==> flow/design.v <==
module gen_addsub_v2 #(
   parameter integer DATA_WIDTH = 72
) (
   input logic CLK,
   input logic nrst,
   input logic [DATA_WIDTH-1:0] rs1_in,
   input logic [DATA_WIDTH-1:0] rs2_in,
   input logic minus_in,
   output logic [DATA_WIDTH-1:0] out_out,
   output logic carry_out
);
   logic [DATA_WIDTH-1:0] rs1_d1;
   always_ff @(posedge CLK or negedge nrst) begin
      if (~nrst) begin
         rs1_d1 <= '0;
      end else begin
         rs1_d1 <= rs1_in;
      end
   end
   logic [DATA_WIDTH-1:0] rs2_d1;
   always_ff @(posedge CLK or negedge nrst) begin
      if (~nrst) begin
         rs2_d1 <= '0;
      end else begin
         rs2_d1 <= rs2_in;
      end
   end
   logic minus_d1;
   always_ff @(posedge CLK or negedge nrst) begin
      if (~nrst) begin
         minus_d1 <= 1'b0;
      end else begin
         minus_d1 <= minus_in;
      end
   end
   logic [DATA_WIDTH-1:0] t2;
   assign t2 = rs2_d1 ^ {DATA_WIDTH{minus_d1}};
   logic [DATA_WIDTH:0] val;
   assign val = rs1_d1 + t2 + minus_d1;
   logic [DATA_WIDTH-1:0] out_d1;
   always_ff @(posedge CLK or negedge nrst) begin
      if (~nrst) begin
         out_d1 <= '0;
      end else begin
         out_d1 <= val[DATA_WIDTH-1:0];
      end
   end
   assign out_out = out_d1;
   logic carry_d1;
   always_ff @(posedge CLK or negedge nrst) begin
      if (~nrst) begin
         carry_d1 <= 1'b0;
      end else begin
         carry_d1 <= val[DATA_WIDTH];
      end
   end
   assign carry_out = carry_d1;
endmodule
# Reports on gen_addsub_v2
# What the tools print for gen_addsub_v2, step after step.
# Line numbers count from 1 in the design file above.
# Cell names lack the library's common part.
# The mark - stands for no value.
# setup
top,gen_addsub_v2
clock_port,CLK
lib,sky130hd
pvt_corner,tt_025C_1v80

# Elaborated design
# Counts by Yosys on the flattened word-level netlist (proc, flatten, opt, wreduce; memories kept). Register bits leave out memories and registers merged into their read ports (data or address); mux counts leave out enables and synchronous resets folded into registers. Print and check cells are left out. Cells with the same type and inputs are merged into one.
# classes
addsub,2
logic,1
# ops
cell,count
72-bit by 72-bit adder with 73-bit output,1
73-bit by 1-bit adder with 73-bit output,1
72-bit XOR,1
# bits
regBits,218
input_bits,147
output_inout_bits,73
word_cells,8

# Logic depth
# Yosys ltp: most cells in a row. Word level: on the elaborated netlist, between registers, memories and ports. Mapped: between sequential cells and ports; inverters and the memories' decode and read muxes count.
# depth
depth_word,3
ABC_AREA,0
mapped_depth,15
mapped_depth_nobuf,13

# Synthesis result
# Yosys stat after the flow's synthesis: flattened, memories mapped to cells. It holds for the ABC_AREA given above (unset counts as 0); a run with the other value may have another netlist.
# by_type
cell,count,area_total_um2
dfrtp_1,218,5.46E+03
ha_1,72,900.864
xor2_1,96,840.806
a21oi_1,100,500.48
xnor2_1,44,385.37
nand2_1,73,274.013
a21o_1,28,210.202
o21ai_0,34,170.163
nand4_1,27,168.912
nor2_1,40,150.144
o21bai_1,16,120.115
inv_1,26,97.594
o21a_1,12,90.086
o21ai_1,18,90.086
clkbuf_1,22,82.579
o31ai_1,10,75.072
nand2b_1,9,56.304
nor2b_1,9,56.304
# Not listed: further types 50, cells in them 118.
# mapped
mapped_cells,972
synth_area_um2,10612.7
seqArea_um2,5455.2
ffs,218
n_buf,39

# Timing after synthesis
# Source: OpenSTA report_checks on the synthesized netlist (no wires, ideal clock, input and output delay 20% of the period each), path of least setup slack; recovery checks are left aside. Register names are those of the netlist, which keeps one name where synthesis merged equal registers.
# synth_path
path_kind,reg2reg
startpoint,register minus_d1
endpoint,register out_d1[54]
tclk_ns,4.49
launch_ns,0.000
arrival_ns,3.493
t_required_ns,4.391
setup_slack_ns,0.897
path_delay_ns,3.592
stages,16
period_less_setup_slack_ns,3.593
# "path_delay_ns" is the arrival time less input delay plus setup time.
# "stages" counts driving pins, that of a launching flip-flop among them; a cell with two outputs on the path counts twice.
# "period_less_setup_slack_ns" = period - worst setup slack (recovery checks aside). The figure is calculated, with input and output delays left at 20% of the set period.
# The rows between start and end are the longest chain of elaborated cells between them; the timing report does not say that the signal goes this way. Where chains are equally long, one stands for them.
# Each line given opens the expression or statement behind the cell; cells for indexed reads and writes are added by Yosys, which also makes memories of some case tables.
# synth_between
path_cell_list,dfrtp_1 -> buf_2 -> buf_1 -> xor2_1 -> ha_1 -> buf_6 -> a21o_1 -> a211o_1 -> or3_1 -> a311oi_2 -> nor2_2 -> a221oi_2 -> a2111oi_2 -> o21ai_4 -> o21ai_2 -> a311oi_1
elab_chain_len,3
cells_between,3
classes_between,add/sub (2); logic (1)
# synth_rtl
element,line_no,text
from (decl),28,logic minus_d1;
from (assign),31,minus_d1 <= 1'b0;
from (assign),33,minus_d1 <= minus_in;
72-bit XOR,37,assign t2 = rs2_d1 ^ {DATA_WIDTH{minus_d1}};
72-bit by 72-bit adder with 73-bit output,39,assign val = rs1_d1 + t2 + minus_d1;
73-bit by 1-bit adder with 73-bit output,39,
to (assign),43,out_d1 <= '0;
to (assign),45,out_d1 <= val[DATA_WIDTH-1:0];
to (decl),40,logic [DATA_WIDTH-1:0] out_d1;

# Path in the finished layout
# From the final timing report of run 1: the path of least setup slack in the routed layout; clock arrival at registers is part of the times.
# layout_path
path_kind,reg2reg
startpoint,register minus_d1
endpoint,register out_d1[71]
tclk_ns,4.49
launch_ns,0.53
arrival_ns,4.74
t_required_ns,4.90
setup_slack_ns,0.16
stages,15
# The rows between start and end are the longest chain of elaborated cells between them; the timing report does not say that the signal goes this way. Where chains are equally long, one stands for them.
# layout_between
path_cell_list,dfrtp_4 -> buf_12 -> xor2_1 -> ha_1 -> and3_1 -> o2111a_1 -> o31ai_1 -> a211oi_2 -> o211ai_1 -> a2111oi_1 -> buf_4 -> nor3_2 -> o31ai_2 -> a221oi_1 -> xnor2_1
elab_chain_len,3
cells_between,3
classes_between,add/sub (2); logic (1)
# layout_rtl
element,line_no,text
from (decl),28,logic minus_d1;
from (assign),31,minus_d1 <= 1'b0;
from (assign),33,minus_d1 <= minus_in;
72-bit XOR,37,assign t2 = rs2_d1 ^ {DATA_WIDTH{minus_d1}};
72-bit by 72-bit adder with 73-bit output,39,assign val = rs1_d1 + t2 + minus_d1;
73-bit by 1-bit adder with 73-bit output,39,
to (assign),43,out_d1 <= '0;
to (assign),45,out_d1 <= val[DATA_WIDTH-1:0];
to (decl),40,logic [DATA_WIDTH-1:0] out_d1;

# Design gen_addsub_v2 on sky130hd. What follows are 3 stored runs of the flow, each under its own settings; their order means nothing. The constraints put input and output delay at 20% of the set period each and load the outputs with 0.01 pF.
# "achieved_period_ns" is the run's clock period less its worst setup slack. It is reckoned from that one timing run; input and output delays stay at 20% of the period that was set.
# "worst_path_ns": the worst setup path's part of the clock period (all of it between registers, 20% less for each end at a port) less its slack. A launch clock that arrives late makes it longer, a capture clock that arrives late makes it shorter.
# "total_power_uw" rests on the timing tool's default activity at the inputs, not on a simulated workload.
# A setting shown as -- is not set for that run.
run name,period_ns,CAP_MARGIN,CORE_MARGIN,CORE_UTILIZATION,SLEW_MARGIN,PLACE_DENSITY_LB_ADDON,GPL_TIMING_DRIVEN,CTS_CLUSTER_SIZE,CTS_CLUSTER_DIAMETER,MIN_ROUTING_LAYER,CORE_ASPECT_RATIO,CELL_PAD_IN_SITES_DETAIL_PLACEMENT,ABC_AREA,setupTns_ns,achieved_period_ns,ys_area_um2,total_power_uw,stdcell_area_um2,layout_utilization_frac,worst_path_ns,worstPathKind,total_die_area_um2,worstSetupSlack_ns
run 1,4.49,20,2,40,20,--,--,--,--,--,--,--,--,0.000,4.330,10612.7,6252,13982.2,0.537,4.33,reg2reg,27850.6,0.160
run 2,3.77,35,2,59,20,0.14,0,74,378,met2,--,--,--,0.000,3.762,10612.7,6376,14072.2,0.791,3.76,reg2reg,19075.8,0.008
run 3,6.8,20,9,25,0,0.0,--,81,251,met2,1.65,2,0,0.000,4.925,10612.7,3506,13566.8,0.325,4.92,reg2reg,50425.7,1.875
